==> flow/design.v <==
module sync_mul_unit_mod (ck, RSTN, step, a, b, res);
    parameter DATA_WIDTH = 5;
    parameter NUM = 4;
    localparam RW = 2*DATA_WIDTH + $clog2(NUM);
    input ck;
    input RSTN;
    input step;
    input [NUM*DATA_WIDTH-1:0] a;
    input [NUM*DATA_WIDTH-1:0] b;
    output [RW-1:0] res;
    reg [RW-1:0] t;
    integer i;
    always @(*) begin
        t = 0;
        for (i = 0; i < NUM; i = i + 1)
            t = t + a[i*DATA_WIDTH +: DATA_WIDTH] * b[i*DATA_WIDTH +: DATA_WIDTH];
    end
    reg [RW-1:0] res_ff;
    always @(posedge ck or negedge RSTN) begin
        if (~RSTN) begin
            res_ff <= 0;
        end else if (step) begin
            res_ff <= t;
        end
    end
    assign res = res_ff;
endmodule
# == Step by step through the tools: sync_mul_unit_mod ==
# What the tools print for sync_mul_unit_mod, step after step.
# Line numbers count from 1 in the design file above.
# Operators carry their Yosys type and port widths (W data, S select, Z words).
# Library cell names are shortened.
# The mark -- stands for no value.
# inputs
top_module,sync_mul_unit_mod
clk_port,ck
cell_library,sky130hd
pvt_corner,tt_025C_1v80

# == Word-level counts ==
# Counts by Yosys on the flattened word-level netlist (proc, flatten, opt, wreduce; memories kept). Register bits leave out memories and registers merged into their read ports (data or address); mux counts leave out enables and synchronous resets folded into registers. Print and check cells are left out. Cells with the same type and inputs are merged into one.
# word_totals
ff_bits,12
input_bits,43
output_inout_bits,12
word_cells,8
# op_classes
n_addsub,3
n_mul,4
# op_table
op,n
$mul A5 B5 Y10,4
$add A11 B10 Y12,1
$add A12 B10 Y12,1
$add A10 B10 Y11,1

# == Depth ==
# Yosys ltp: most cells in a row. Word level: on the elaborated netlist, between registers, memories and ports. Mapped: between sequential cells and ports; inverters and the memories' decode and read muxes count.
# logic_depth
ltp_word,4
abc_area,1
depth_mapped,23
depth_no_buf,23

# == Netlist ==
# The flow's flattened synthesis, as Yosys stat reports it; memories are mapped. The netlist is that of the ABC_AREA named above (0 if unset); the other value can give another one.
# The area totals of this step are shown rounded.
# by_type
cell_type,n,type_area_um2
fa_1,78,1.56E+03
ha_1,62,775.744
inv_1,186,698.17
nand2_1,162,608.083
dfrtp_1,12,300.288
nand3_2,5,50.048
nor2_1,11,41.29
nand3_1,7,35.034
a21oi_2,3,26.275
nand2_2,4,25.024
nor2_4,2,22.522
xnor2_1,2,17.517
nand3b_1,2,15.014
o21ai_1,3,15.014
nand4_1,2,12.512
o21ai_0,2,10.01
xor2_1,1,8.758
buf_4,1,7.507
# Not listed: further types 3, cells in them 3.
# synth_totals
yosys_area_um2,4200
mapped_cells,548
buffers,2
seq_area_um2,300
ff_cells,12

# == Path before layout ==
# OpenSTA on the mapped netlist: ideal clock, no wires. The path of least setup slack (recovery checks aside). Input and output delay are each 20% of the period. Register names are those of the netlist, which keeps one name where synthesis merged equal registers.
# synth_timing
path_kind,input port to flip-flop
startpoint,in a[12]
endpoint,reg res_ff[10]
n_path_buf,0
setup_time_ps,117
in_delay_ps,1578
path_delay_ps,4670
slack_ps,1642
launch_ps,1578
arrival_ps,6131
path_stages,22
t_required_ps,7773
period_ps,7890
period_less_setup_slack_ps,6248
# "path_delay_ps" is the arrival time less input delay plus setup time.
# "path_stages" counts driving pins, that of a launching flip-flop among them; a cell with two outputs on the path counts twice.
# "period_less_setup_slack_ps" = period - worst setup slack (recovery checks aside). The figure is calculated, with input and output delays left at 20% of the set period.
# The rows between start and end are the longest chain of elaborated cells between them; the timing report does not say that the signal goes this way. Where chains are equally long, one stands for them.
# Each line given opens the expression or statement behind the cell; cells for indexed reads and writes are added by Yosys, which also makes memories of some case tables.
# synth_between
cell_sequence,nand2_1 -> fa_1 -> inv_1 -> fa_1 -> inv_1 -> fa_1 -> inv_1 -> fa_1 -> fa_1 -> inv_1 -> fa_1 -> inv_1 -> fa_1 -> ha_1 -> nand2_1 -> nand2_1 -> nand2_1 -> nand2_1 -> nand2_1 -> nand4_1 -> nand3_1 -> nand2_1
elab_chain_cells,3
cells_between,3
lines_between,1
classes_between,add/sub: 2; mul: 1
# synth_rtl
item,line,text
"start, declared",8,input [NUM*DATA_WIDTH-1:0] a;
$mul A5 B5 Y10,16,t = t + a[i*DATA_WIDTH +: DATA_WIDTH] * b[i*DATA_WIDTH +: DATA_WIDTH];
$add A11 B10 Y12,16,
$add A12 B10 Y12,16,
"end, assigned",21,res_ff <= 0;
"end, assigned",23,res_ff <= t;
"end, declared",18,reg [RW-1:0] res_ff;

# == Timing after layout ==
# From the final timing report of stored run 1: the path of least setup slack in the routed layout; clock arrival at registers is part of the times.
# The report prints the path's times to 10 ps; the period is as set.
# layout_timing
path_kind,input port to flip-flop
startpoint,in b[4]
endpoint,reg res_ff[10]
launch_ps,810
n_path_buf,1
arrival_ps,5630
in_delay_ps,810
path_stages,24
t_required_ps,4200
setup_time_ps,110
slack_ps,-1430
period_ps,4070
# The rows between start and end are the longest chain of elaborated cells between them; the timing report does not say that the signal goes this way. Where chains are equally long, one stands for them.
# layout_between
cell_sequence,buf_8 -> nand2_2 -> inv_2 -> fa_1 -> inv_2 -> fa_1 -> fa_1 -> inv_2 -> fa_1 -> fa_1 -> fa_1 -> inv_2 -> fa_1 -> inv_2 -> ha_4 -> nand2_4 -> inv_2 -> nand2_1 -> nand2_1 -> nand2_1 -> nand3_1 -> nand2_1 -> nand3_1 -> nand2_1
elab_chain_cells,4
cells_between,4
lines_between,1
classes_between,add/sub: 3; mul: 1
# layout_rtl
item,line,text
"start, declared",9,input [NUM*DATA_WIDTH-1:0] b;
$mul A5 B5 Y10,16,t = t + a[i*DATA_WIDTH +: DATA_WIDTH] * b[i*DATA_WIDTH +: DATA_WIDTH];
$add A10 B10 Y11,16,
$add A11 B10 Y12,16,
$add A12 B10 Y12,16,
"end, assigned",21,res_ff <= 0;
"end, assigned",23,res_ff <= t;
"end, declared",18,reg [RW-1:0] res_ff;

Data sheet: physical implementation of sync_mul_unit_mod

Stored flow runs of sync_mul_unit_mod (3 of them; Yosys, OpenROAD, sky130hd). They differ in their settings and are not a sequence. Constraints: input delay and output delay 20% of the set period each, output load 0.01 pF.
Values from the reports are rounded here.

Stored run 1, flow files:
==> flow/run.sh <==
#!/bin/bash
# the make line also repeats the synthesis and layout settings of config.mk as NAME=value (left out here)
make -C /OpenROAD-flow-scripts/flow DESIGN_CONFIG=/design/flow/config.mk WORK_HOME=/design/flow/orfs CLKGATE_MAP_FILE= finish
==> flow/config.mk <==
export PLATFORM = sky130hd
export DESIGN_NAME = sync_mul_unit_mod
export DESIGN_NICKNAME = sync_mul_unit_mod
export VERILOG_FILES = /design/flow/design.v
export SDC_FILE = /design/flow/constraint.sdc
export NUM_CORES = 4
export LEC_CHECK = 0
export ABC_AREA = 1
export CAP_MARGIN = 40
export CORE_MARGIN = 7
export CORE_UTILIZATION = 16
export CTS_CLUSTER_SIZE = 62
export GPL_TIMING_DRIVEN = 1
export MAX_ROUTING_LAYER = met5
export PLACE_DENSITY_LB_ADDON = 0.07
export SLEW_MARGIN = 20
export TNS_END_PERCENT = 80
==> flow/constraint.sdc <==
create_clock -name core_clock -period 4.07 [get_ports {ck}]
set_input_delay 0.8140 -clock core_clock [delete_from_list [all_inputs] [get_ports {ck}]]
set_output_delay 0.8140 -clock core_clock [all_outputs]
set_load 0.01 [all_outputs]

==> results of stored run 1, as CSV <==
result,value
fin_ws_ps,-1400
synthArea_um2,4200
utilization_pct,23
total_negative_slack_ps,-12000
die_area_um2,31000

Stored run 2, flow files:
==> flow/run.sh <==
#!/bin/bash
# the make line also repeats the synthesis and layout settings of config.mk as NAME=value (left out here)
make -C /OpenROAD-flow-scripts/flow DESIGN_CONFIG=/design/flow/config.mk WORK_HOME=/design/flow/orfs CLKGATE_MAP_FILE= finish
==> flow/config.mk <==
export PLATFORM = sky130hd
export DESIGN_NAME = sync_mul_unit_mod
export DESIGN_NICKNAME = sync_mul_unit_mod
export VERILOG_FILES = /design/flow/design.v
export SDC_FILE = /design/flow/constraint.sdc
export NUM_CORES = 4
export LEC_CHECK = 0
export CAP_MARGIN = 20
export CORE_MARGIN = 2
export CORE_UTILIZATION = 40
export SLEW_MARGIN = 20
==> flow/constraint.sdc <==
create_clock -name core_clock -period 7.89 [get_ports {ck}]
set_input_delay 1.5780 -clock core_clock [delete_from_list [all_inputs] [get_ports {ck}]]
set_output_delay 1.5780 -clock core_clock [all_outputs]
set_load 0.01 [all_outputs]

==> results of stored run 2, as CSV <==
result,value
synthArea_um2,4100
total_negative_slack_ps,0
utilization_pct,49
die_area_um2,11000
fin_ws_ps,720

Stored run 3, flow files:
==> flow/run.sh <==
#!/bin/bash
# the make line also repeats the synthesis and layout settings of config.mk as NAME=value (left out here)
make -C /OpenROAD-flow-scripts/flow DESIGN_CONFIG=/design/flow/config.mk WORK_HOME=/design/flow/orfs CLKGATE_MAP_FILE= finish
==> flow/config.mk <==
export PLATFORM = sky130hd
export DESIGN_NAME = sync_mul_unit_mod
export DESIGN_NICKNAME = sync_mul_unit_mod
export VERILOG_FILES = /design/flow/design.v
export SDC_FILE = /design/flow/constraint.sdc
export NUM_CORES = 4
export LEC_CHECK = 0
export ABC_AREA = 0
export CAP_MARGIN = 5
export CELL_PAD_IN_SITES_DETAIL_PLACEMENT = 1
export CELL_PAD_IN_SITES_GLOBAL_PLACEMENT = 3
export CORE_ASPECT_RATIO = 0.53
export CORE_MARGIN = 2
export CORE_UTILIZATION = 38
export CTS_CLUSTER_DIAMETER = 292
export CTS_CLUSTER_SIZE = 13
export HOLD_SLACK_MARGIN = 0.27
export MAX_ROUTING_LAYER = met5
export PLACE_DENSITY_LB_ADDON = 0.02
export SETUP_SLACK_MARGIN = 2.28
export SLEW_MARGIN = 5
export TNS_END_PERCENT = 40
==> flow/constraint.sdc <==
create_clock -name core_clock -period 8.95 [get_ports {ck}]
set_input_delay 1.7900 -clock core_clock [delete_from_list [all_inputs] [get_ports {ck}]]
set_output_delay 1.7900 -clock core_clock [all_outputs]
set_load 0.01 [all_outputs]

==> results of stored run 3, as CSV <==
result,value
total_negative_slack_ps,0
utilization_pct,48
synthArea_um2,4100
fin_ws_ps,2300
die_area_um2,12000
